==> flow/design.v <==
module my_selector_p #(
    parameter int DW = 1,
    parameter int NIN = 12
) (
    input  logic CLK,
    input  logic [NIN*DW-1:0] val_i,
    input  logic [NIN-1:0] pick_i,
    output logic [DW-1:0] y_o
);
    logic [NIN*DW-1:0] val_ff;
    always_ff @(posedge CLK) begin
        val_ff <= val_i;
    end
    logic [NIN-1:0] pick_ff;
    always_ff @(posedge CLK) begin
        pick_ff <= pick_i;
    end
    logic [DW-1:0] tmp;
    always_comb begin
        tmp = '0;
        for (int k = 0; k < NIN; k++)
            tmp = tmp | (val_ff[k*DW +: DW] & {DW{pick_ff[k]}});
    end
    always_ff @(posedge CLK) begin
        y_o <= tmp;
    end
endmodule
== From RTL to reports: my_selector_p ==
The steps from the RTL of my_selector_p to its reports follow in flow order.
Line numbers count from 1 in the design file above.
Cell names lack the library's common part.
A cell with -- has no value.

* Top: my_selector_p
* Clock: CLK
* Library: sky130hd
* Timing corner: tt_025C_1v80

== After elaboration ==
Source: Yosys, flattened and elaborated, memories not mapped. Widths are those after wreduce; folded enables and synchronous resets count as part of the registers. Registers that Yosys merges into a memory's read port (data or address) are not register bits. Print and check cells do not count. Equal cells are merged and count once.

* Register bits: 25
* Bits of input ports: 25
* Output and inout port bits: 1
* Cells after elaboration: 26

* Bitwise gates (word level): 23

{| class="wikitable"
|+ Operators by type and width
! kind !! count
|-
| AND 1 bit || 12
|-
| bitwise OR 1 bit || 11
|}

== Logic depth ==
Depth = most cells in a row (Yosys ltp): at word level without a register or memory, in the mapped netlist without a sequential cell, where the memories' decode and read muxes count.

* Depth after elaboration: 12
* ABC_AREA: 0
* Gate-level depth with buffers: 3
* Gate-level depth less buffers: 3

== Netlist ==
Yosys stat after the flow's synthesis: flattened, memories mapped to cells. It holds for the ABC_AREA given above (unset counts as 0); a run with the other value may have another netlist.

* Standard cells after synthesis: 32
* Synthesis area: 576.8 sq um
* Area of sequential cells: 500.5 sq um
* Flip-flop cells: 25
* Buffer cells: 0

{| class="wikitable"
|+ Cells by type
! cell !! count !! area in all (sq um)
|-
| dfxtp_1 || 25 || 500.48
|-
| a221oi_2 || 3 || 45.043
|-
| a22o_1 || 3 || 26.275
|-
| nand3_1 || 1 || 5.005
|}

== Worst setup path after synthesis ==
Path of least setup slack by OpenSTA after synthesis, without wires, with an ideal clock, recovery checks aside; 20% of the period is set as input and as output delay. Where synthesis merged equal registers, the netlist keeps one of their names.

* Path kind: register to register
* Start point: register val_ff[5]
* End point: register y_o
* Clock period: 1080 ps
* Library setup time: 128 ps
* Launch time at the first pin: 0 ps
* Arrival time: 734 ps
* Data required time: 952 ps
* Path slack: 217 ps
* Path delay: 862 ps
* Driving pins on the path: 4
* Path buffers: 0
* Synthesis period reached: 863 ps

"path delay" is the arrival time less input delay plus setup time.
"driving pins on the path" counts driving pins, that of a launching flip-flop among them; a cell with two outputs on the path counts twice.
"synthesis period reached" is the clock period less the worst setup slack; recovery checks do not enter. This is arithmetic on one report: input and output delays are still those of the set period (20% each).
The rows between start and end are the longest chain of elaborated cells between them; the timing report does not say that the signal goes this way. Where chains are equally long, one stands for them.
Each line given opens the expression or statement behind the cell; cells for indexed reads and writes are added by Yosys, which also makes memories of some case tables.

* Path through: dfxtp_1 -> a22o_1 -> a221oi_2 -> nand3_1
* Length of the longest elaborated chain: 8
* Elaborated cells on any way between the ends: 8
* Source lines of those cells: 1
* Classes of those cells: logic: 8

{| class="wikitable"
|+ Ends and longest elaborated chain, after synthesis
! item !! line !! source
|-
| from (decl) || 10 || <nowiki>logic [NIN*DW-1:0] val_ff;</nowiki>
|-
| from (assign) || 12 || <nowiki>val_ff <= val_i;</nowiki>
|-
| AND 1 bit || 22 || <nowiki>tmp = tmp | (val_ff[k*DW +: DW] & {DW{pick_ff[k]}});</nowiki>
|-
| bitwise OR 1 bit (7 in a row) || 22 ||
|-
| to (assign) || 25 || <nowiki>y_o <= tmp;</nowiki>
|-
| to (decl) || 8 || <nowiki>output logic [DW-1:0] y_o</nowiki>
|}

== Worst path after layout ==
From the final timing report of flow run A: the path of least setup slack in the routed layout; clock arrival at registers is part of the times.
The report prints the path's times to 10 ps; the period is as set.

* Path kind: register to output
* Start point: register y_o
* End point: output port y_o[0]
* Clock period: 1520 ps
* External output delay: 300 ps
* Launch time at the first pin: 300 ps
* Arrival time: 880 ps
* Data required time: 1220 ps
* Path slack: 330 ps
* Driving pins on the path: 2
* Path buffers: 1

* Path through: dfxtp_1 -> dlygate4sd2_1
* Length of the longest elaborated chain: 0
* Elaborated cells on any way between the ends: 0
* Source lines of those cells: 0

{| class="wikitable"
|+ Ends and longest elaborated chain, post-layout
! item !! line !! source
|-
| from (decl) || 8 || <nowiki>output logic [DW-1:0] y_o</nowiki>
|-
| from (assign) || 25 || <nowiki>y_o <= tmp;</nowiki>
|-
| to (decl) || 8 ||
|}

Flow measurements of my_selector_p on sky130hd: 3 stored runs with different settings, listed in no order. Input and output delays are each 20% of the period that was set; the output load is 0.01 pF.
"achieved clock period" = clock period - worst setup slack. The figure is calculated, with input and output delays left at 20% of the set period.
"worst setup path time" is the time allowed to the run's worst setup path (the clock period less input and output delay, where it has them) less its slack. Clock arrival times count: a late capture clock shortens it, a late launch clock lengthens it.
"power" is the tool's figure for a default switching activity; nothing was simulated.
"worst setup path time" is given in steps of 10 ps.

Flow run A
==> flow/run.sh <==
#!/bin/bash
# the make line also repeats the synthesis and layout settings of config.mk as NAME=value (left out here)
make -C /OpenROAD-flow-scripts/flow DESIGN_CONFIG=/design/flow/config.mk WORK_HOME=/design/flow/orfs CLKGATE_MAP_FILE= finish
==> flow/config.mk <==
export PLATFORM = sky130hd
export DESIGN_NAME = my_selector_p
export DESIGN_NICKNAME = my_selector_p
export VERILOG_FILES = /design/flow/design.v
export SDC_FILE = /design/flow/constraint.sdc
export NUM_CORES = 4
export LEC_CHECK = 0
export CAP_MARGIN = 20
export CELL_PAD_IN_SITES_DETAIL_PLACEMENT = 0
export CELL_PAD_IN_SITES_GLOBAL_PLACEMENT = 3
export CORE_MARGIN = 6
export CORE_UTILIZATION = 30
export CTS_CLUSTER_DIAMETER = 216
export GPL_ROUTABILITY_DRIVEN = 0
export GPL_TIMING_DRIVEN = 1
export MAX_ROUTING_LAYER = met5
export PLACE_DENSITY_LB_ADDON = 0.26
export SETUP_SLACK_MARGIN = 0.08
export SLEW_MARGIN = 0
export TNS_END_PERCENT = 10
==> flow/constraint.sdc <==
create_clock -name core_clock -period 1.52 [get_ports {CLK}]
set_input_delay 0.3040 -clock core_clock [delete_from_list [all_inputs] [get_ports {CLK}]]
set_output_delay 0.3040 -clock core_clock [all_outputs]
set_load 0.01 [all_outputs]

==> results of flow run A <==
chip area after synthesis (Yosys): 576.8 sq um
die area: 3119.2 sq um
standard-cell area of the final layout: 884.6 sq um
utilization: 50.1 %
worst setup slack after layout: 334 ps
total negative slack: 0 ps
worst hold slack: 429 ps
power: 1045 µW
achieved clock period: 1186 ps
worst setup path time: 880 ps
worst setup path kind: register to output

Flow run B
==> flow/run.sh <==
#!/bin/bash
# the make line also repeats the synthesis and layout settings of config.mk as NAME=value (left out here)
make -C /OpenROAD-flow-scripts/flow DESIGN_CONFIG=/design/flow/config.mk WORK_HOME=/design/flow/orfs CLKGATE_MAP_FILE= finish
==> flow/config.mk <==
export PLATFORM = sky130hd
export DESIGN_NAME = my_selector_p
export DESIGN_NICKNAME = my_selector_p
export VERILOG_FILES = /design/flow/design.v
export SDC_FILE = /design/flow/constraint.sdc
export NUM_CORES = 4
export LEC_CHECK = 0
export ABC_AREA = 1
export CAP_MARGIN = 20
export CORE_ASPECT_RATIO = 0.51
export CORE_MARGIN = 7
export CORE_UTILIZATION = 40
export CTS_CLUSTER_SIZE = 80
export MAX_ROUTING_LAYER = met4
export PLACE_DENSITY = 0.44
export SETUP_SLACK_MARGIN = 0.21
export SLEW_MARGIN = 10
export TNS_END_PERCENT = 85
==> flow/constraint.sdc <==
create_clock -name core_clock -period 1.53 [get_ports {CLK}]
set_input_delay 0.3060 -clock core_clock [delete_from_list [all_inputs] [get_ports {CLK}]]
set_output_delay 0.3060 -clock core_clock [all_outputs]
set_load 0.01 [all_outputs]

==> results of flow run B <==
did not finish, floorplanning stopped with PDN-0185

Flow run C
==> flow/run.sh <==
#!/bin/bash
# the make line also repeats the synthesis and layout settings of config.mk as NAME=value (left out here)
make -C /OpenROAD-flow-scripts/flow DESIGN_CONFIG=/design/flow/config.mk WORK_HOME=/design/flow/orfs CLKGATE_MAP_FILE= finish
==> flow/config.mk <==
export PLATFORM = sky130hd
export DESIGN_NAME = my_selector_p
export DESIGN_NICKNAME = my_selector_p
export VERILOG_FILES = /design/flow/design.v
export SDC_FILE = /design/flow/constraint.sdc
export NUM_CORES = 4
export LEC_CHECK = 0
export CAP_MARGIN = 20
export CORE_MARGIN = 2
export CORE_UTILIZATION = 40
export SLEW_MARGIN = 20
==> flow/constraint.sdc <==
create_clock -name core_clock -period 1.08 [get_ports {CLK}]
set_input_delay 0.2160 -clock core_clock [delete_from_list [all_inputs] [get_ports {CLK}]]
set_output_delay 0.2160 -clock core_clock [all_outputs]
set_load 0.01 [all_outputs]

==> results of flow run C <==
chip area after synthesis (Yosys): 576.8 sq um
die area: 1761.9 sq um
standard-cell area of the final layout: 867.1 sq um
utilization: 65.8 %
worst setup slack after layout: 117 ps
total negative slack: 0 ps
worst hold slack: 346 ps
power: 1468 µW
achieved clock period: 963 ps
worst setup path time: 750 ps
worst setup path kind: register to output
